==> flow/design.v <==
module cpu_selector_p #(
   parameter DW = 1
) (
   input wire CLK,
   input wire rst_i,
   input wire [DW-1:0] i_din0,
   input wire [DW-1:0] i_din1,
   input wire [DW-1:0] i_din2,
   input wire [DW-1:0] i_din3,
   input wire [DW-1:0] i_din4,
   input wire [DW-1:0] i_din5,
   input wire [DW-1:0] i_din6,
   input wire [DW-1:0] i_din7,
   input wire [6:0] i_s,
   output reg [DW-1:0] o_result
);
   reg [DW-1:0] din0_d1;
   reg [DW-1:0] din1_d1;
   reg [DW-1:0] din2_d1;
   reg [DW-1:0] din3_d1;
   reg [DW-1:0] din4_d1;
   reg [DW-1:0] din5_d1;
   reg [DW-1:0] din6_d1;
   reg [DW-1:0] din7_d1;
   reg [6:0] s_d1;
   always @(posedge CLK or posedge rst_i) begin
      if (rst_i) begin
         din0_d1 <= 0;
         din1_d1 <= 0;
         din2_d1 <= 0;
         din3_d1 <= 0;
         din4_d1 <= 0;
         din5_d1 <= 0;
         din6_d1 <= 0;
         din7_d1 <= 0;
         s_d1 <= 0;
      end else begin
         din0_d1 <= i_din0;
         din1_d1 <= i_din1;
         din2_d1 <= i_din2;
         din3_d1 <= i_din3;
         din4_d1 <= i_din4;
         din5_d1 <= i_din5;
         din6_d1 <= i_din6;
         din7_d1 <= i_din7;
         s_d1 <= i_s;
      end
   end
   reg [DW-1:0] val;
   always @(*) begin
      casez (s_d1)
         7'b??????1: val = din0_d1;
         7'b?????10: val = din1_d1;
         7'b????100: val = din2_d1;
         7'b???1000: val = din3_d1;
         7'b??10000: val = din4_d1;
         7'b?100000: val = din5_d1;
         7'b1000000: val = din6_d1;
         default: val = din7_d1;
      endcase
   end
   always @(posedge CLK or posedge rst_i) begin
      if (rst_i) begin
         o_result <= 0;
      end else begin
         o_result <= val;
      end
   end
endmodule
## Step by step through the tools: cpu_selector_p

The steps from the RTL of cpu_selector_p to its reports follow in flow order.
Line numbers count from 1 in the design file above.
Library cell names are shortened.
The mark - stands for no value.

| design | value |
|---|---|
| top | cpu_selector_p |
| clock input | CLK |
| standard-cell library | sky130hd |
| timing corner | tt_025C_1v80 |

## After elaboration

Counts by Yosys on the flattened word-level netlist (proc, flatten, opt, wreduce; memories kept). Register bits leave out memories and registers merged into their read ports (data or address); mux counts leave out enables and synchronous resets folded into registers. Print and check cells are left out. Cells with the same type and inputs are merged into one.

| bit counts | value |
|---|---|
| bits in registers | 16 |
| input port bits | 17 |
| elaborated cells | 17 |

| cells by class | value |
|---|---|
| equality and inequality tests | 6 |
| multiplexer cells | 1 |

Operators by type and width:

| kind | number |
|---|---|
| equality test 7 bit (second input constant) | 1 |
| parallel mux 1 bit (select 7 bit) | 1 |
| equality test 6 bit (second input constant) | 1 |
| equality test 5 bit (second input constant) | 1 |
| equality test 4 bit (second input constant) | 1 |
| equality test 3 bit (second input constant) | 1 |
| equality test 2 bit (second input constant) | 1 |

## Depth

Longest topological path by Yosys (ltp), each cell counted once; first at word level (registers and memories cut), then after technology mapping (sequential cells cut; the memories' decode and read muxes count).

| logic depth | value |
|---|---|
| depth in word-level cells | 2 |
| ABC_AREA | 0 |
| gate-level depth with buffers | 3 |

## Mapped cells and area

Source: synth_stat.txt of the flow (Yosys; design flattened, memories mapped). It holds for the ABC_AREA given above (unset counts as 0); a run with the other value may have another netlist.

Cells by type:

| type | number | total area (µm²) |
|---|---|---|
| dfrtp_1 | 16 | 400.384 |
| nor3b_1 | 2 | 15.014 |
| nor2b_1 | 2 | 12.512 |
| a211o_1 | 1 | 8.758 |
| o31a_1 | 1 | 8.758 |
| o41ai_1 | 1 | 8.758 |
| a211oi_1 | 1 | 7.507 |
| nand3b_1 | 1 | 7.507 |
| nor4_1 | 1 | 6.256 |
| o21ai_1 | 1 | 5.005 |
| inv_1 | 1 | 3.754 |
| nand2_1 | 1 | 3.754 |

| mapped netlist | value |
|---|---|
| standard cells after synthesis | 29 |
| synthesis area | 488.0 µm² |
| flip-flop cells | 16 |
| buffer cells | 0 |

## Path before layout

Path of least setup slack by OpenSTA after synthesis, without wires, with an ideal clock, recovery checks aside; 20% of the period is set as input and as output delay. Where synthesis merged equal registers, the netlist keeps one of their names.

| timing after synthesis | value |
|---|---|
| path kind | reg2reg |
| start | register s_d1[6] |
| end | register o_result |
| period | 1150 ps |
| arrival time | 845 ps |
| data required time | 1074 ps |
| slack | 229 ps |
| delay of the path | 921 ps |
| stages | 4 |
| synthesis period reached | 921 ps |

"delay of the path" = arrival - input delay + setup time.
"stages" counts driving pins, that of a launching flip-flop among them; a cell with two outputs on the path counts twice.
"synthesis period reached" is the clock period less the worst setup slack; recovery checks do not enter. This is arithmetic on one report: input and output delays are still those of the set period (20% each).
Between the ends stands the longest chain of elaborated cells between them, by number of cells; it is not shown to be the way that was timed. Of several equally long chains one is given.
A line is the first line of the expression or statement that the cell stems from. Yosys adds cells for indexed reads and writes and turns some case tables into memories.

| between the ends, after synthesis | value |
|---|---|
| path through | dfrtp_1 -> nor3b_1 -> o31a_1 -> o21ai_1 |
| length of the longest elaborated chain | 2 |
| elaborated cells on any way between the ends | 2 |
| source lines of those cells | 1 |
| those cells by class | 1 x eq/ne; 1 x mux |

Ends and longest elaborated chain, after synthesis:

| what | line | text |
|---|---|---|
| start: declaration | 25 | `reg [6:0] s_d1;` |
| start: assignment | 36 | `s_d1 <= 0;` |
| start: assignment | 46 | `s_d1 <= i_s;` |
| equality test 7 bit | 51 | `casez (s_d1)` |
| parallel mux 1 bit (select 7 bit) | 51 |  |
| end: assignment | 64 | `o_result <= 0;` |
| end: assignment | 66 | `o_result <= val;` |
| end: declaration | 15 | `output reg [DW-1:0] o_result` |

## Worst path after layout

Path of least setup slack in the final report of run A (OpenROAD, finished layout, wires in). Where an end is a register, its clock arrival counts in the times.
The path's times are printed in steps of 10 ps; the period is the one set.

| timing post-layout | value |
|---|---|
| path kind | reg2out |
| start | register o_result |
| end | output o_result[0] |
| period | 1150 ps |
| output delay | 230 ps |
| arrival time | 860 ps |
| data required time | 920 ps |
| slack | 60 ps |
| stages | 2 |

| between the ends, post-layout | value |
|---|---|
| path through | dfrtp_1 -> clkdlybuf4s15_1 |
| length of the longest elaborated chain | 0 |
| elaborated cells on any way between the ends | 0 |
| source lines of those cells | 0 |

Ends and longest elaborated chain, post-layout:

| what | line | text |
|---|---|---|
| start: declaration | 15 | `output reg [DW-1:0] o_result` |
| start: assignment | 64 | `o_result <= 0;` |
| start: assignment | 66 | `o_result <= val;` |
| end: declaration | 15 |  |

--- measured runs ---
Settings and measured results of 3 stored flow runs for module cpu_selector_p (sky130hd), not sorted in any way. The constraints put input and output delay at 20% of the set period each and load the outputs with 0.01 pF.
"time on the worst setup path" means the part of the period allowed to the worst setup path (the constraints hold back 20% at inputs and 20% at outputs) less its slack; where the path has registers, the arrival times of their clocks count too.
"power consumption" rests on the timing tool's default activity at the inputs, not on a simulated workload.
"time on the worst setup path" is given in steps of 10 ps.
A setting shown as . is not set for that run.
Among the results, . means that no value is shown for the run.

| name | run A | run B | run C |
|---|---|---|---|
| period_ns | 1.15 | 1.49 | 0.871 |
| CAP_MARGIN | 20 | 20 | 20 |
| CORE_MARGIN | 2 | 2 | 10 |
| CORE_UTILIZATION | 40 | 53 | 45 |
| SLEW_MARGIN | 20 | 20 | 20 |
| PLACE_DENSITY_LB_ADDON | . | 0.02 | 0.0 |
| HOLD_SLACK_MARGIN | . | 0.11 | . |
| CORE_ASPECT_RATIO | . | 0.98 | . |
| CELL_PAD_IN_SITES_DETAIL_PLACEMENT | . | 0 | . |
| GPL_TIMING_DRIVEN | . | 0 | 1 |
| CTS_CLUSTER_SIZE | . | 75 | 24 |
| SETUP_SLACK_MARGIN | . | . | 0.07 |
| TNS_END_PERCENT | . | . | 45 |
| ABC_AREA | . | . | 0 |
| MIN_ROUTING_LAYER | . | . | met2 |
| MAX_ROUTING_LAYER | . | . | met5 |
| time on the worst setup path (ps) | 860 | . | 1000 |
| kind of the worst setup path | reg2out | . | reg2reg |
| die size (µm²) | 1515.2 | . | 2801.6 |
| synthesis area (µm²) | 488.0 | . | 488.0 |
| power consumption (mW) | 0.9615 | . | 1.300 |
| utilization of the finished layout (%) | 62.7 | . | 75.8 |
| setup slack of the critical path (ps) | 62 | . | -132 |
| setup total negative slack (ps) | 0 | . | -200 |

Run B: stopped before the end: floorplanning reported PDN-0185
--- end ---
